==> flow/design.v <==
module core_ram_block #(
    parameter NREGS = 8,
    parameter BITS = 2,
    parameter RP = 4,
    parameter WPORTS = 6,
    parameter ADDR_W = $clog2(NREGS)
) (
    input  wire ck,
    input  wire [WPORTS-1:0] wen,
    input  wire [WPORTS*ADDR_W-1:0] wsel,
    input  wire [WPORTS*BITS-1:0] write_data,
    input  wire [RP*ADDR_W-1:0] rd_idx,
    output wire [RP*BITS-1:0] q
);
    reg [BITS-1:0] ram [NREGS-1:0];
    integer n;
    always @(posedge ck) begin
        for (n = 0; n < WPORTS; n = n + 1)
            if (wen[n]) ram[wsel[n*ADDR_W +: ADDR_W]] <= write_data[n*BITS +: BITS];
    end
    wire [RP*BITS-1:0] work;
    genvar m;
    generate
        for (m = 0; m < RP; m = m + 1) begin : slice
            assign work[m*BITS +: BITS] = ram[rd_idx[m*ADDR_W +: ADDR_W]];
        end
    endgenerate
    assign q = work;
endmodule
# Tool chain data of core_ram_block
# A sweep over "BITS": the same steps for each member of the family.
# The RTL above is that of BITS = 2; lines are counted from 1 in the file of the member named.
# Library cell names are shortened.
# Not given: -
# inputs
design,core_ram_block
clock_port,ck
library,sky130hd
corner,tt_025C_1v80

# Members of the sweep
# New or changed lines of each further member against the RTL above, in its own file; lines it lacks are not shown.
# src_changes
BITS,line,rtl
12,3,"parameter BITS = 12,"
16,3,"parameter BITS = 16,"
20,3,"parameter BITS = 20,"
32,3,"parameter BITS = 32,"

# Word-level counts
# Counts by Yosys on the flattened word-level netlist (proc, flatten, opt, wreduce; memories kept). Register bits leave out memories and registers merged into their read ports (data or address); mux counts leave out enables and synchronous resets folded into registers. Print and check cells are left out. Cells with the same type and inputs are merged into one.
# Memory sizes are those after Yosys's memory passes, which may raise the word count (mostly to a power of two), join words into wider ones and drop unused or constant bits.
# word_totals
BITS,in_bits,mem_count,wordCells,ramBits,register_bits,out_inout_bits
2,49,1,19,16,0,8
12,109,1,19,96,0,48
16,133,1,19,128,0,64
20,157,1,19,160,0,80
32,229,1,19,256,0,128
# op_classes
BITS,n_mux
2,18
12,18
16,18
20,18
32,18
# mem_list
BITS,memory_list
2,ram 8x2 r4 w6
12,ram 8x12 r4 w6
16,ram 8x16 r4 w6
20,ram 8x20 r4 w6
32,ram 8x32 r4 w6
# op_table
BITS,operators
2,2-to-1 mux 3 bit: 6; 2-to-1 mux 2 bit: 6; 2-to-1 mux 1 bit: 6
12,2-to-1 mux 12 bit: 6; 2-to-1 mux 3 bit: 6; 2-to-1 mux 1 bit: 6
16,2-to-1 mux 16 bit: 6; 2-to-1 mux 3 bit: 6; 2-to-1 mux 1 bit: 6
20,2-to-1 mux 20 bit: 6; 2-to-1 mux 3 bit: 6; 2-to-1 mux 1 bit: 6
32,2-to-1 mux 32 bit: 6; 2-to-1 mux 3 bit: 6; 2-to-1 mux 1 bit: 6

# Logic depth
# Longest topological path by Yosys (ltp), each cell counted once; first at word level (registers and memories cut), then after technology mapping (sequential cells cut; the memories' decode and read muxes count).
# depth
BITS,word_depth,ABC_AREA,ltp_mapped,depth_no_buf
2,1,0,5,4
12,1,0,6,4
16,1,0,7,4
20,1,0,7,4
32,1,0,7,4

# Synthesis result
# The flow's flattened synthesis, as Yosys stat reports it; memories are mapped. The netlist is that of the ABC_AREA named above (0 if unset); the other value can give another one.
# Totals and module areas in this step are rounded.
# synth_totals
BITS,buf_cells,seqArea_um2,cells,area_um2,ff_cells
2,10,480,248,2400,16
12,158,2900,1182,11000,96
16,202,3800,1482,14000,128
20,264,4800,1903,17000,160
32,427,7700,2916,27000,256
# by_type
BITS,type_list
2,edfxtp_1: 16; mux4_2: 16; mux2_2: 14; mux2i_1: 10; nand4b_1: 9; and4bb_1: 6; and4bb_2: 6; a21oi_1: 13; nor2_1: 17; nor4b_2: 4; o31ai_1: 8; a31oi_1: 9; nand2_1: 15; a21o_1: 6; nor3b_1: 6; nand4_1: 7; nor2b_1: 7; a221o_1: 4; (+75)
12,edfxtp_1: 96; mux4_2: 96; nand2_1: 245; mux2_2: 56; o31ai_1: 78; o22ai_1: 85; and3_1: 74; o21ai_0: 83; clkbuf_1: 72; buf_2: 41; buf_1: 34; and4bb_2: 10; and4b_1: 12; mux2i_1: 11; nand3_1: 18; nand4bb_1: 8; and2_1: 14; o31ai_2: 7; (+142)
16,edfxtp_1: 128; mux4_2: 128; nand2_1: 274; mux2_2: 71; o22ai_1: 121; o31ai_1: 93; and3_1: 73; clkbuf_1: 102; o21ai_0: 76; mux2i_1: 31; buf_2: 41; and2_1: 32; o21ai_1: 33; a2111oi_0: 17; o41ai_1: 17; nor2b_1: 21; and4b_1: 13; o31ai_2: 10; (+201)
20,edfxtp_1: 160; mux4_2: 160; nand2_1: 456; o31ai_1: 138; mux2_2: 87; o22ai_1: 152; and3_1: 149; o21ai_0: 140; clkbuf_1: 116; buf_2: 76; buf_1: 48; and4bb_2: 12; and4b_1: 14; o31ai_2: 10; nand4bb_1: 9; buf_4: 12; nand3_1: 17; o21ai_1: 16; (+131)
32,edfxtp_1: 256; mux4_2: 256; nand2_1: 629; o22ai_1: 246; mux2_2: 134; o31ai_1: 180; and3_1: 183; clkbuf_1: 267; o21ai_0: 175; a2111oi_0: 64; o41ai_1: 64; nor2b_1: 67; buf_1: 89; buf_2: 61; nor2_1: 74; and4b_1: 12; nand4b_1: 12; o21ai_1: 18; (+129)
# A list marked (+n) leaves out that many cells.

# Timing after synthesis
# Path of least setup slack by OpenSTA after synthesis, without wires, with an ideal clock, recovery checks aside; 20% of the period is set as input and as output delay. Where synthesis merged equal registers, the netlist keeps one of their names.
# synth_timing
BITS,path_kind,startpoint,endpoint,path_stages,tclk_ns,path_slack_ns,delay_ns,synth_period_reached_ns
2,input to register,input wsel[6],memory ram[4][0],5,2.14,0.343,1.369,1.797
12,input to output,input rd_idx[0],output q[0],4,2.69,0.324,1.290,2.366
16,input to output,input rd_idx[0],output q[0],4,2.84,0.374,1.330,2.466
20,input to register,input wsel[13],memory ram[3][0],5,2.94,0.469,1.884,2.471
32,input to register,input wsel[13],memory ram[4][0],5,3.92,0.630,2.506,3.29
# "delay_ns" = arrival - input delay + setup time.
# A path that ends at an output port has no setup time.
# "path_stages": output pins that drive a net of the path, with the launching flip-flop's if there is one; two outputs of one cell count as two.
# "synth_period_reached_ns" is the clock period less the worst setup slack; recovery checks do not enter. This is arithmetic on one report: input and output delays are still those of the set period (20% each).
# The rows between start and end are the longest chain of elaborated cells between them; the timing report does not say that the signal goes this way. Where chains are equally long, one stands for them.
# Each line given opens the expression or statement behind the cell; cells for indexed reads and writes are added by Yosys, which also makes memories of some case tables.
# synth_via_BITS_2
elab_chain_len,1
# synth_lines_BITS_2
item,line,rtl
from (decl),10,"input  wire [WPORTS*ADDR_W-1:0] wsel,"
2-to-1 mux 3 bit,19,if (wen[n]) ram[wsel[n*ADDR_W +: ADDR_W]] <= write_data[n*BITS +: BITS];
to (decl),15,reg [BITS-1:0] ram [NREGS-1:0];
# synth_via_BITS_32
elab_chain_len,1
# synth_lines_BITS_32
item,line,rtl
from (decl),10,"input  wire [WPORTS*ADDR_W-1:0] wsel,"
2-to-1 mux 3 bit,19,if (wen[n]) ram[wsel[n*ADDR_W +: ADDR_W]] <= write_data[n*BITS +: BITS];
to (decl),15,reg [BITS-1:0] ram [NREGS-1:0];

# Worst path after layout
# From the final timing report of the run of each member: the path of least setup slack in the routed layout; clock arrival at registers is part of the times.
# layout_timing
BITS,path_kind,startpoint,endpoint,arrival_ns,path_slack_ns,path_buffers,tclk_ns,path_stages
2,register to output,memory ram[1][1],output q[1],1.68,0.03,2,2.14,5
12,input to output,input rd_idx[0],output q[10],2.13,0.02,3,2.69,5
16,input to output,input rd_idx[6],output q[41],2.25,0.03,3,2.84,5
20,register to output,memory ram[0][0],output q[60],2.31,0.04,1,2.94,4
32,input to output,input rd_idx[3],output q[49],2.82,0.32,3,3.92,5

# Layout results
# One run of the flow (Yosys, OpenROAD) for each member, with settings and measured results. Input and output delays are each 20% of the period that was set; the output load is 0.01 pF.
# flow_settings
CAP_MARGIN,20
CORE_MARGIN,2
CORE_UTILIZATION,40
SLEW_MARGIN,20
# settings_diff
BITS,period_ns
2,2.14
12,2.69
16,2.84
20,2.94
32,3.92
# results
BITS,synthArea_um2,period_reached_ns,finalCellArea_um2,final_hold_ws_ns,power_uw,total_negative_slack_ns,setup_worst_slack_ns,design.die.area_um2,final_util_frac
2,2400,2.111,3600,1.1,1400,0.000,0.029,6600,0.61
12,11000,2.667,14000,1.1,6100,0.000,0.023,29000,0.54
16,14000,2.813,19000,1.1,8300,0.000,0.027,37000,0.54
20,17000,2.897,23000,1.1,9900,0.000,0.043,45000,0.53
32,27000,3.603,33000,1.1,12000,0.000,0.32,69000,0.5
# By "period_reached_ns" is meant the clock period of the run minus its worst setup slack. This is arithmetic on one report: input and output delays are still those of the set period (20% each).
# "power_uw" rests on the timing tool's default activity at the inputs, not on a simulated workload.
# Results are given in rounded form.
